==> flow/design.v <==
module cpu_add_unit_top #(
   parameter int DWIDTH = 24
) (
   input  logic i_clk,
   input  logic [DWIDTH-1:0] da_i,
   input  logic [DWIDTH-1:0] db_i,
   output logic [DWIDTH:0] out_o
);
   logic [DWIDTH-1:0] da_q;
   logic [DWIDTH-1:0] db_q;
   always_ff @(posedge i_clk) begin
      da_q <= da_i;
      db_q <= db_i;
   end
   localparam int HALF = DWIDTH / 2;
   logic [HALF:0] lo_q;
   logic [DWIDTH-HALF-1:0] da_hi_q;
   logic [DWIDTH-HALF-1:0] db_hi_q;
   always_ff @(posedge i_clk) begin
      lo_q <= da_q[HALF-1:0] + db_q[HALF-1:0];
      da_hi_q <= da_q[DWIDTH-1:HALF];
      db_hi_q <= db_q[DWIDTH-1:HALF];
   end
   logic [DWIDTH-HALF:0] h;
   assign h = da_hi_q + db_hi_q + lo_q[HALF];
   always_ff @(posedge i_clk)
      out_o <= {h, lo_q[HALF-1:0]};
endmodule
== From RTL to reports: cpu_add_unit_top ==
The steps from the RTL of cpu_add_unit_top to its reports follow in flow order.
Line numbers count from 1 in the design file above.
Operators carry their Yosys type and port widths (W data, S select, Z words).
Library cell names are shortened.
A cell with -- has no value.

* Top module: cpu_add_unit_top
* Clock port: i_clk
* Cell library: sky130hd
* Corner: tt_025C_1v80

== Word-level counts ==
Counts by Yosys on the flattened word-level netlist (proc, flatten, opt, wreduce; memories kept). Register bits leave out memories and registers merged into their read ports (data or address); mux counts leave out enables and synchronous resets folded into registers. Print and check cells are left out. Cells with the same type and inputs are merged into one.

* Input bits: 49
* Output and inout port bits: 25
* Register bits: 110

* Add/sub/neg operators: 3

{| class="wikitable"
|+ Operators by type and width
! operator !! count
|-
| $add A12 B12 Y13 || 2
|-
| $add A13 B1 Y13 || 1
|}

== Logic depth ==
Longest topological path by Yosys (ltp), each cell counted once; first at word level (registers and memories cut), then after technology mapping (sequential cells cut; the memories' decode and read muxes count).

* Word-level depth: 2
* ABC_AREA: 1
* Depth in mapped cells: 9

== Synthesis result ==
Source: synth_stat.txt of the flow (Yosys; design flattened, memories mapped). It holds for the ABC_AREA given above (unset counts as 0); a run with the other value may have another netlist.

* Sequential area: 2202.1 µm²
* Flip-flop cells: 110
* Synthesis area: 3520.9 µm²
* Buffer cells: 0
* Standard cells after synthesis: 354

{| class="wikitable"
|+ Cell types
! cell type !! count !! total area (µm²)
|-
| dfxtp_1 || 110 || 2.2E+03
|-
| nand2_1 || 103 || 386.621
|-
| ha_1 || 23 || 287.776
|-
| inv_1 || 42 || 157.651
|-
| xor2_1 || 12 || 105.101
|-
| nand3_1 || 18 || 90.086
|-
| fa_1 || 3 || 60.058
|-
| nor2_1 || 15 || 56.304
|-
| a21oi_1 || 10 || 50.048
|-
| nand4_1 || 8 || 50.048
|-
| nand3_2 || 4 || 40.038
|-
| nand2_2 || 3 || 18.768
|-
| nor3_1 || 2 || 10.01
|-
| nor2_2 || 1 || 6.256
|}

== Timing after synthesis ==
OpenSTA on the mapped netlist: ideal clock, no wires. The path of least setup slack (recovery checks aside). Input and output delay are each 20% of the period. Register names are those of the netlist, which keeps one name where synthesis merged equal registers.

* Path type: register to register
* Start: register lo_q[12]
* End: register out_o[18]
* Data arrival time: 1.615 ns
* Library setup time: 0.122 ns
* Delay of the path: 1.737 ns
* Path slack: 0.963 ns
* Driving pins on the path: 8
* Period: 2.7 ns
* Synthesis period reached: 1.737 ns

"delay of the path" is the arrival time less input delay plus setup time.
"driving pins on the path" counts driving pins, that of a launching flip-flop among them; a cell with two outputs on the path counts twice.
"synthesis period reached" is the clock period less the worst setup slack; recovery checks do not enter. This is arithmetic on one report: input and output delays are still those of the set period (20% each).
Between the ends stands the longest chain of elaborated cells between them, by number of cells; it is not shown to be the way that was timed. Of several equally long chains one is given.
Each line given opens the expression or statement behind the cell; cells for indexed reads and writes are added by Yosys, which also makes memories of some case tables.

* Cells stage by stage: dfxtp_1 > fa_1 > fa_1 > nand3_1 > nand3_2 > nand2_1 > nand2_1 > xor2_1
* Cells in the longest elaborated chain: 1

{| class="wikitable"
|+ Ends and longest elaborated chain, post-synthesis
! item !! RTL line !! text
|-
| start, declared || 16 || <nowiki>logic [HALF:0] lo_q;</nowiki>
|-
| start, assigned || 20 || <nowiki>lo_q <= da_q[HALF-1:0] + db_q[HALF-1:0];</nowiki>
|-
| $add A13 B1 Y13 || 25 || <nowiki>assign h = da_hi_q + db_hi_q + lo_q[HALF];</nowiki>
|-
| end, assigned || 27 || <nowiki>out_o <= {h, lo_q[HALF-1:0]};</nowiki>
|-
| end, declared || 7 || <nowiki>output logic [DWIDTH:0] out_o</nowiki>
|}

== Path in the finished layout ==
Path of least setup slack in the final report of run 1 (OpenROAD, finished layout, wires in). Where an end is a register, its clock arrival counts in the times.

* Path type: register to output
* Start: register out_o[24]
* End: output port out_o[24]
* Period: 3.67 ns
* External output delay: 0.73 ns
* Path slack: 1.72 ns
* Data arrival time: 1.22 ns
* Driving pins on the path: 2

* Cells stage by stage: dfxtp_1 > clkdlybuf4s50_1
* Cells in the longest elaborated chain: 0

{| class="wikitable"
|+ Ends and longest elaborated chain, post-layout
! item !! RTL line !! text
|-
| start, declared || 7 || <nowiki>output logic [DWIDTH:0] out_o</nowiki>
|-
| start, assigned || 27 || <nowiki>out_o <= {h, lo_q[HALF-1:0]};</nowiki>
|-
| end, declared || 7 ||
|}

Data sheet: physical implementation of cpu_add_unit_top

Stored flow runs of cpu_add_unit_top (3 of them; Yosys, OpenROAD, sky130hd). They differ in their settings and are not a sequence. Constraints: input delay and output delay 20% of the set period each, output load 0.01 pF.
"achieved clock period" is the run's clock period less its worst setup slack. It is reckoned from that one timing run; input and output delays stay at 20% of the period that was set.
"worst setup path time": the worst setup path's part of the clock period (all of it between registers, 20% less for each end at a port) less its slack. A launch clock that arrives late makes it longer, a capture clock that arrives late makes it shorter.
"power" rests on the timing tool's default activity at the inputs, not on a simulated workload.

Run 1
==> flow/run.sh <==
#!/bin/bash
# the make line also repeats the synthesis and layout settings of config.mk as NAME=value (left out here)
make -C /OpenROAD-flow-scripts/flow DESIGN_CONFIG=/design/flow/config.mk WORK_HOME=/design/flow/orfs CLKGATE_MAP_FILE= finish
==> flow/config.mk <==
export PLATFORM = sky130hd
export DESIGN_NAME = cpu_add_unit_top
export DESIGN_NICKNAME = cpu_add_unit_top
export VERILOG_FILES = /design/flow/design.v
export SDC_FILE = /design/flow/constraint.sdc
export NUM_CORES = 4
export LEC_CHECK = 0
export ABC_AREA = 1
export CAP_MARGIN = 20
export CORE_ASPECT_RATIO = 0.59
export CORE_MARGIN = 2
export CORE_UTILIZATION = 28
export CTS_CLUSTER_SIZE = 63
export GPL_ROUTABILITY_DRIVEN = 1
export SLEW_MARGIN = 20
==> flow/constraint.sdc <==
create_clock -name core_clock -period 3.67 [get_ports {i_clk}]
set_input_delay 0.7340 -clock core_clock [delete_from_list [all_inputs] [get_ports {i_clk}]]
set_output_delay 0.7340 -clock core_clock [all_outputs]
set_load 0.01 [all_outputs]

==> results of run 1 <==
chip area after synthesis (Yosys): 3520.9 µm²
die area: 13519.3 µm²
utilization: 0.388
worst setup slack after layout: 1.720 ns
total negative slack: 0.000 ns
power: 2.695 mW
achieved clock period: 1.950 ns
worst setup path time: 1.22 ns
worst setup path kind: register to output

Run 2
==> flow/run.sh <==
#!/bin/bash
# the make line also repeats the synthesis and layout settings of config.mk as NAME=value (left out here)
make -C /OpenROAD-flow-scripts/flow DESIGN_CONFIG=/design/flow/config.mk WORK_HOME=/design/flow/orfs CLKGATE_MAP_FILE= finish
==> flow/config.mk <==
export PLATFORM = sky130hd
export DESIGN_NAME = cpu_add_unit_top
export DESIGN_NICKNAME = cpu_add_unit_top
export VERILOG_FILES = /design/flow/design.v
export SDC_FILE = /design/flow/constraint.sdc
export NUM_CORES = 4
export LEC_CHECK = 0
export CAP_MARGIN = 20
export CORE_MARGIN = 2
export CORE_UTILIZATION = 40
export SLEW_MARGIN = 20
==> flow/constraint.sdc <==
create_clock -name core_clock -period 2.7 [get_ports {i_clk}]
set_input_delay 0.5400 -clock core_clock [delete_from_list [all_inputs] [get_ports {i_clk}]]
set_output_delay 0.5400 -clock core_clock [all_outputs]
set_load 0.01 [all_outputs]

==> results of run 2 <==
chip area after synthesis (Yosys): 3266.9 µm²
die area: 8905.7 µm²
utilization: 0.553
worst setup slack after layout: 0.400 ns
total negative slack: 0.000 ns
power: 3.305 mW
achieved clock period: 2.300 ns
worst setup path time: 2.30 ns
worst setup path kind: register to register

Run 3
==> flow/run.sh <==
#!/bin/bash
# the make line also repeats the synthesis and layout settings of config.mk as NAME=value (left out here)
make -C /OpenROAD-flow-scripts/flow DESIGN_CONFIG=/design/flow/config.mk WORK_HOME=/design/flow/orfs CLKGATE_MAP_FILE= finish
==> flow/config.mk <==
export PLATFORM = sky130hd
export DESIGN_NAME = cpu_add_unit_top
export DESIGN_NICKNAME = cpu_add_unit_top
export VERILOG_FILES = /design/flow/design.v
export SDC_FILE = /design/flow/constraint.sdc
export NUM_CORES = 4
export LEC_CHECK = 0
export CAP_MARGIN = 15
export CELL_PAD_IN_SITES_DETAIL_PLACEMENT = 0
export CELL_PAD_IN_SITES_GLOBAL_PLACEMENT = 1
export CORE_MARGIN = 2
export CORE_UTILIZATION = 25
export MIN_ROUTING_LAYER = met2
export PLACE_DENSITY_LB_ADDON = 0.09
export SETUP_SLACK_MARGIN = 0.3
export SLEW_MARGIN = 25
==> flow/constraint.sdc <==
create_clock -name core_clock -period 1.41 [get_ports {i_clk}]
set_input_delay 0.2820 -clock core_clock [delete_from_list [all_inputs] [get_ports {i_clk}]]
set_output_delay 0.2820 -clock core_clock [all_outputs]
set_load 0.01 [all_outputs]

==> results of run 3 <==
chip area after synthesis (Yosys): 3266.9 µm²
die area: 13998.4 µm²
utilization: 0.399
worst setup slack after layout: -0.706 ns
total negative slack: -6.272 ns
power: 7.580 mW
achieved clock period: 2.116 ns
worst setup path time: 2.12 ns
worst setup path kind: register to register
